==> flow/design.v <==
module ex_aligner_mod (CLK, srst, ch, amt, result);
  parameter integer NBITS = 10;
  localparam integer SW = $clog2(NBITS);
  input CLK;
  input srst;
  input [NBITS-1:0] ch;
  input [SW-1:0] amt;
  output [NBITS-1:0] result;
  wire [NBITS-1:0] nd [0:SW];
  assign nd[0] = ch;
  genvar i;
  generate
    for (i = 0; i < SW; i = i + 1) begin : slice
      assign nd[i+1] = amt[i] ? nd[i] >> (1 << i) : nd[i];
    end
  endgenerate
  reg [NBITS-1:0] result_s;
  assign result = result_s;
  always @(posedge CLK or posedge srst) begin
    if (srst) begin
      result_s <= 0;
    end else begin
      result_s <= nd[SW];
    end
  end
endmodule
# Reports on ex_aligner_mod
# What the tools print for ex_aligner_mod, step after step.
# Line numbers count from 1 in the design file above.
# Operators carry their Yosys type and port widths (W data, S select, Z words).
# Library cell names are shortened.
# The mark - stands for no value.
# setup
top_module,ex_aligner_mod
clock_port,CLK
lib,sky130hd
corner,tt_025C_1v80

# Word-level counts
# Source: Yosys, flattened and elaborated, memories not mapped. Widths are those after wreduce; folded enables and synchronous resets count as part of the registers. Registers that Yosys merges into a memory's read port (data or address) are not register bits. Print and check cells do not count. Equal cells are merged and count once.
# word_totals
regBits,10
latchBits,0
ramBits,0
mem_bits_ro,0
clocked_rd_ports_x_width,0
n_memories,0
in_bits,16
output_inout_bits,10
# classes
n_addsub,0
mul,0
div,0
cmp,0
eq_ne,0
shifts,0
muxes,4
n_logic,0
n_reduce_logical,0
# ops
op,n
$mux W10,4

# Longest topological paths
# Longest topological path by Yosys (ltp), each cell counted once; first at word level (registers and memories cut), then after technology mapping (sequential cells cut; the memories' decode and read muxes count).
# logic_depth
depth_word,4
ABC_AREA,0
depth_mapped,4
depth_no_buf,3

# Netlist
# Yosys stat after the flow's synthesis: flattened, memories mapped to cells. It holds for the ABC_AREA given above (unset counts as 0); a run with the other value may have another netlist.
# Totals and module areas in this step are rounded.
# types
cell_type,n,type_area_um2
dfrtp_1,10,250.24
mux2_4,3,45.043
mux4_2,2,45.043
mux2i_1,4,40.038
nor2_1,9,33.782
buf_6,2,22.522
mux2_2,2,22.522
o221ai_1,2,17.517
o32ai_1,2,17.517
a2bb2oi_2,1,15.014
nand2_1,4,15.014
nand2b_1,2,12.512
o22ai_1,2,12.512
a211oi_1,1,7.507
nor2b_1,1,6.256
or2_0,1,6.256
or2_1,1,6.256
clkbuf_1,1,3.754
# Not listed: further types 2, cells in them 2.
# synth_totals
cells,52
synth_area_um2,586.8
seq_area_um2,250.2
flip_flops,10
n_buf,3

# Path before layout
# Source: OpenSTA report_checks on the synthesized netlist (no wires, ideal clock, input and output delay 20% of the period each), path of least setup slack; recovery checks are left aside. Register names are those of the netlist, which keeps one name where synthesis merged equal registers.
# synth_path
path_type,input to register
from,input amt[0]
to,register result_s[0]
clock_period_ns,1.38
in_delay_ns,0.276
setup_time_ns,0.139
t_first_pin_ns,0.276
arrival_ns,1.023
required_ns,1.241
path_slack_ns,0.219
delay_ns,0.886
path_stages,4
n_path_buf,1
synth_period_reached_ns,1.161
# "delay_ns" is the arrival time less input delay plus setup time.
# "path_stages": output pins that drive a net of the path, with the launching flip-flop's if there is one; two outputs of one cell count as two.
# "synth_period_reached_ns" = period - worst setup slack (recovery checks aside). The figure is calculated, with input and output delays left at 20% of the set period.
# Between the ends stands the longest chain of elaborated cells between them, by number of cells; it is not shown to be the way that was timed. Of several equally long chains one is given.
# A line is the first line of the expression or statement that the cell stems from. Yosys adds cells for indexed reads and writes and turns some case tables into memories.
# synth_between
cell_sequence,buf_6 -> mux4_2 -> nand2_1 -> o221ai_1
elab_chain_cells,4
cone_cells,4
cone_lines,1
# synth_lines
item,line_no,rtl
start: declaration,7,input [SW-1:0] amt;
$mux W10 (4 in a row),14,assign nd[i+1] = amt[i] ? nd[i] >> (1 << i) : nd[i];
end: assignment,21,result_s <= 0;
end: assignment,23,result_s <= nd[SW];
end: declaration,17,reg [NBITS-1:0] result_s;

# Worst path after layout
# Path of least setup slack in the final report of job 2 (OpenROAD, finished layout, wires in). Where an end is a register, its clock arrival counts in the times.
# layout_path
path_type,register to output
from,register result_s[4]
to,output result[4]
clock_period_ns,1.14
t_first_pin_ns,0.24
arrival_ns,0.75
required_ns,0.91
path_slack_ns,0.16
path_stages,2
n_path_buf,1
# layout_between
cell_sequence,dfrtp_1 -> buf_2
elab_chain_cells,0
cone_cells,0
cone_lines,0
# layout_lines
item,line_no,rtl
start: declaration,17,reg [NBITS-1:0] result_s;
start: assignment,21,result_s <= 0;
start: assignment,23,result_s <= nd[SW];
end: declaration,8,output [NBITS-1:0] result;

# Module ex_aligner_mod, platform sky130hd: 3 stored runs of the flow (Yosys, OpenROAD) with differing settings, in no particular order. Input and output delays are each 20% of the period that was set; the output load is 0.01 pF.
# "period_reached_ns" = clock period - worst setup slack. The figure is calculated, with input and output delays left at 20% of the set period.
# "timing.worst_path_ns" means the part of the period allowed to the worst setup path (the constraints hold back 20% at inputs and 20% at outputs) less its slack; where the path has registers, the arrival times of their clocks count too.
# By "total_power_mw" is meant OpenSTA's value without simulated activity: inputs other than the clock are taken to toggle once in ten clock periods, and the tool carries that through the logic.
# The measured numbers are rounded.
# Settings: - = not set for that run.
# Among the results, - means that no value is shown for the run.
run,period_ns,CORE_UTILIZATION,PLACE_DENSITY_LB_ADDON,HOLD_SLACK_MARGIN,CORE_ASPECT_RATIO,CTS_CLUSTER_DIAMETER,CAP_MARGIN,MIN_ROUTING_LAYER,CORE_MARGIN,SLEW_MARGIN,SETUP_SLACK_MARGIN,CELL_PAD_IN_SITES_DETAIL_PLACEMENT,post_route_stdcell_area_um2,timing.worst_path_ns,critical_path_kind,design_die_area_um2,tns_setup_ns,final_util_pct,period_reached_ns,total_power_mw,setup_ws_ns,ys_area_um2
job 1,0.773,71,0.28,0.09,0.68,129,0,met1,2,20,-,-,-,-,-,-,-,-,-,-,-,-
job 2,1.14,20,0.17,-,1.95,92,20,met2,2,20,0.33,0,1057,0.75,register to output,3408,0.000,37.7,0.975,1.144,0.165,586.8
job 3,1.38,40,-,-,-,-,20,-,2,20,-,-,922.1,0.99,input to register,1789,0.000,69.1,1.269,0.7718,0.111,586.8
# Job 1: incomplete, floorplanning halted on PDN-0185
